==> flow/design.v <==
module alu_compare_rtl (CLK, RSTN, op_a_i, op_b_i, lower_o, mx_o);
   parameter DATA_WIDTH = 72;
   input CLK;
   input RSTN;
   input [DATA_WIDTH-1:0] op_a_i;
   input [DATA_WIDTH-1:0] op_b_i;
   output [DATA_WIDTH-1:0] lower_o;
   output [DATA_WIDTH-1:0] mx_o;
   reg [DATA_WIDTH-1:0] r_op_a;
   always @(posedge CLK) begin
      if (~RSTN) begin
         r_op_a <= 0;
      end else begin
         r_op_a <= op_a_i;
      end
   end
   reg [DATA_WIDTH-1:0] r_op_b;
   always @(posedge CLK) begin
      if (~RSTN) begin
         r_op_b <= 0;
      end else begin
         r_op_b <= op_b_i;
      end
   end
   wire tmp;
   assign tmp = r_op_a < r_op_b;
   reg [DATA_WIDTH-1:0] r_lower;
   always @(posedge CLK) begin
      if (~RSTN) begin
         r_lower <= 0;
      end else begin
         r_lower <= tmp ? r_op_a : r_op_b;
      end
   end
   assign lower_o = r_lower;
   reg [DATA_WIDTH-1:0] r_mx;
   always @(posedge CLK) begin
      if (~RSTN) begin
         r_mx <= 0;
      end else begin
         r_mx <= tmp ? r_op_b : r_op_a;
      end
   end
   assign mx_o = r_mx;
endmodule
# --- Reports on alu_compare_rtl ---
# Tool output for the design above, in the order of the flow.
# Lines are those of the file above, counted from 1.
# Operators: Yosys type, input widths -> output width; for muxes data width and select width s.
# Library cell names are shortened.
setup:
  design: "alu_compare_rtl"
  clock: "CLK"
  cell_library: "sky130hd"
  lib_corner: "tt_025C_1v80"

# --- After elaboration ---
# Source: Yosys, flattened and elaborated, memories not mapped. Widths are those after wreduce; folded enables and synchronous resets count as part of the registers. Registers that Yosys merges into a memory's read port (data or address) are not register bits. Print and check cells do not count. Equal cells are merged and count once.
classes:
  n_cmp: 1
  muxes: 2
op_table:
  columns: ["op", "count"]
  rows:
  - ["$mux 72", 2]
  - ["$lt 72x72->1", 1]
word_totals:
  ff_bits: 288
  in_bits: 146
  out_inout_bits: 144
  elab_cells: 7

# --- Longest topological paths ---
# Depth = most cells in a row (Yosys ltp): at word level without a register or memory, in the mapped netlist without a sequential cell, where the memories' decode and read muxes count.
depth:
  word_depth: 2
  abc_area: 1
  mapped_depth: 18
  ltp_nobuf: 16

# --- Mapped cells and area ---
# Yosys stat after the flow's synthesis: flattened, memories mapped to cells. It holds for the ABC_AREA given above (unset counts as 0); a run with the other value may have another netlist.
mapped:
  stdcells: 1649
  mapped_area_um2: 12142.9
  seq_area_um2: 5765.5
  ff_cells: 288
  buffers: 94
types:
  columns: ["cell", "count", "type_area_um2"]
  rows:
  - ["dfxtp_1", 288, 5765.53]
  - ["nand2_1", 379, 1.42E+03]
  - ["inv_1", 313, 1.17E+03]
  - ["ha_1", 71, 888.352]
  - ["a21oi_1", 170, 850.816]
  - ["nand3_1", 140, 700.672]
  - ["nor2_1", 166, 623.098]
  - ["buf_2", 37, 185.178]
  - ["clkbuf_1", 41, 153.898]
  - ["buf_6", 12, 135.13]
  - ["nand3_2", 10, 100.096]
  - ["a21o_1", 4, 30.029]
  - ["o21ai_0", 4, 20.019]
  - ["nand4_1", 3, 18.768]
  - ["nor2_2", 2, 12.512]
  - ["buf_1", 3, 11.261]
  - ["nor2_4", 1, 11.261]
  - ["nor3_2", 1, 10.01]
# Not listed: further types 4, cells in them 4.

# --- Timing after synthesis ---
# Path of least setup slack by OpenSTA after synthesis, without wires, with an ideal clock, recovery checks aside; 20% of the period is set as input and as output delay. Where synthesis merged equal registers, the netlist keeps one of their names.
synth_path:
  kind: "register to register"
  startpoint: "reg r_op_b[71]"
  endpoint: "reg r_lower[0]"
  period_ps: 3040
  setup_ps: 115
  launch_ps: 0
  arrival_ps: 1903
  required_ps: 2925
  path_slack_ps: 1022
  delay_ps: 2018
  driving_pins: 14
  path_buffers: 2
  synth_period_reached_ps: 2018
# "delay_ps" is the arrival time less input delay plus setup time.
# "driving_pins" counts driving pins, that of a launching flip-flop among them; a cell with two outputs on the path counts twice.
# "synth_period_reached_ps" = period - worst setup slack (recovery checks aside). The figure is calculated, with input and output delays left at 20% of the set period.
# Between the ends stands the longest chain of elaborated cells between them, by number of cells; it is not shown to be the way that was timed. Of several equally long chains one is given.
# Each line given opens the expression or statement behind the cell; cells for indexed reads and writes are added by Yosys, which also makes memories of some case tables.
synth_between:
  cell_sequence: "dfxtp_1 inv_1 ha_1 nand2_1 nor2_2 nand2_1 nor2_2 nand2_1 nor3_2 nand2_2 buf_2 buf_2 a21oi_1 nor2_1"
  elab_chain_cells: 2
  cone_cells: 2
  lines_between: 2
  cone_classes: "1 x compare; 1 x mux"
synth_lines:
  columns: ["item", "line_no", "text"]
  rows:
  - ["from (decl)", 17, "reg [DATA_WIDTH-1:0] r_op_b;"]
  - ["from (assign)", 20, "r_op_b <= 0;"]
  - ["from (assign)", 22, "r_op_b <= op_b_i;"]
  - ["$lt 72x72->1", 26, "assign tmp = r_op_a < r_op_b;"]
  - ["$mux 72", 32, "r_lower <= tmp ? r_op_a : r_op_b;"]
  - ["to (assign)", 30, "r_lower <= 0;"]
  - ["to (assign)", 32, null]
  - ["to (decl)", 27, "reg [DATA_WIDTH-1:0] r_lower;"]

# --- Path in the finished layout ---
# Path of least setup slack in the final report of run 1 (OpenROAD, finished layout, wires in). Where an end is a register, its clock arrival counts in the times.
# The report prints the path's times to 10 ps; the period is as set.
layout_path:
  kind: "register to register"
  startpoint: "reg r_op_b[53]"
  endpoint: "reg r_mx[51]"
  period_ps: 2310
  setup_ps: 110
  launch_ps: 570
  arrival_ps: 2860
  required_ps: 2770
  path_slack_ps: -80
  driving_pins: 16
  path_buffers: 2
# Between the ends stands the longest chain of elaborated cells between them, by number of cells; it is not shown to be the way that was timed. Of several equally long chains one is given.
layout_between:
  cell_sequence: "dfxtp_1 inv_1 ha_1 nand2_1 nor2_2 nand2_2 nor2_4 nand2_4 nor2_2 nand2_2 nand2_2 nor2_4 buf_4 clkbuf_16 a21oi_1 nor2_1"
  elab_chain_cells: 2
  cone_cells: 2
  lines_between: 2
  cone_classes: "1 x compare; 1 x mux"
layout_lines:
  columns: ["item", "line_no", "text"]
  rows:
  - ["from (decl)", 17, "reg [DATA_WIDTH-1:0] r_op_b;"]
  - ["from (assign)", 20, "r_op_b <= 0;"]
  - ["from (assign)", 22, "r_op_b <= op_b_i;"]
  - ["$lt 72x72->1", 26, "assign tmp = r_op_a < r_op_b;"]
  - ["$mux 72", 41, "r_mx <= tmp ? r_op_b : r_op_a;"]
  - ["to (assign)", 39, "r_mx <= 0;"]
  - ["to (assign)", 41, null]
  - ["to (decl)", 36, "reg [DATA_WIDTH-1:0] r_mx;"]

# Measured data: module alu_compare_rtl, platform sky130hd, 3 stored runs of the flow under differing settings, order arbitrary. Input and output delays are each 20% of the period that was set; the output load is 0.01 pF.
# "period_reached_ps" means the clock period less the worst setup slack. The figure is calculated, with input and output delays left at 20% of the set period.
# "timing.worst_path_ps" is the time allowed to the run's worst setup path (the clock period less input and output delay, where it has them) less its slack. Clock arrival times count: a late capture clock shortens it, a late launch clock lengthens it.
# By "power_total_w" is meant OpenSTA's value without simulated activity: inputs other than the clock are taken to toggle once in ten clock periods, and the tool carries that through the logic.
# "timing.worst_path_ps" is known to 10 ps.
runs:
  - name: "run 1"
    settings:
      period_ns: 2.31
      CORE_UTILIZATION: 36
      SETUP_SLACK_MARGIN: -0.14
      PLACE_DENSITY: 0.76
      CORE_ASPECT_RATIO: 1.2
      CELL_PAD_IN_SITES_GLOBAL_PLACEMENT: 3
      ABC_AREA: 1
      GPL_TIMING_DRIVEN: 1
      GPL_ROUTABILITY_DRIVEN: 0
      CTS_CLUSTER_DIAMETER: 218
      SLEW_MARGIN: 35
      MIN_ROUTING_LAYER: "met2"
      MAX_ROUTING_LAYER: "met4"
      CAP_MARGIN: 20
      CORE_MARGIN: 2
    results:
      die_area_um2: 35221.0
      timing.worst_path_ps: 2390
      critical_path_type: "register to register"
      yosys_chip_area_um2: 12142.9
      setup_ws_ps: -84
      power_total_w: 0.013342
      holdWs_ps: 301
      utilization_pct: 54.1
      period_reached_ps: 2394
      finalCellArea_um2: 17930.9
      final_setup_tns_ps: -2734
  - name: "run 2"
    settings:
      period_ns: 4.27
      CORE_UTILIZATION: 21
      SETUP_SLACK_MARGIN: 0.41
      PLACE_DENSITY_LB_ADDON: 0.07
      CELL_PAD_IN_SITES_DETAIL_PLACEMENT: 0
      GPL_TIMING_DRIVEN: 0
      GPL_ROUTABILITY_DRIVEN: 0
      CTS_CLUSTER_SIZE: 25
      CAP_MARGIN: 30
      MAX_ROUTING_LAYER: "met5"
      CORE_MARGIN: 2
      SLEW_MARGIN: 20
    results:
      yosys_chip_area_um2: 10755.3
      die_area_um2: 53042.7
      power_total_w: 0.007327
      final_setup_tns_ps: 0
      holdWs_ps: 477
      finalCellArea_um2: 15801.4
      period_reached_ps: 3451
      utilization_pct: 31.4
      setup_ws_ps: 819
      timing.worst_path_ps: 3450
      critical_path_type: "register to register"
  - name: "run 3"
    settings:
      period_ns: 3.04
      CAP_MARGIN: 20
      CORE_MARGIN: 2
      CORE_UTILIZATION: 40
      SLEW_MARGIN: 20
    results:
      holdWs_ps: 476
      die_area_um2: 28215.6
      utilization_pct: 56.6
      final_setup_tns_ps: 0
      power_total_w: 0.009328
      period_reached_ps: 2788
      setup_ws_ps: 252
      yosys_chip_area_um2: 10755.3
      finalCellArea_um2: 15078.2
      timing.worst_path_ps: 2790
      critical_path_type: "register to register"
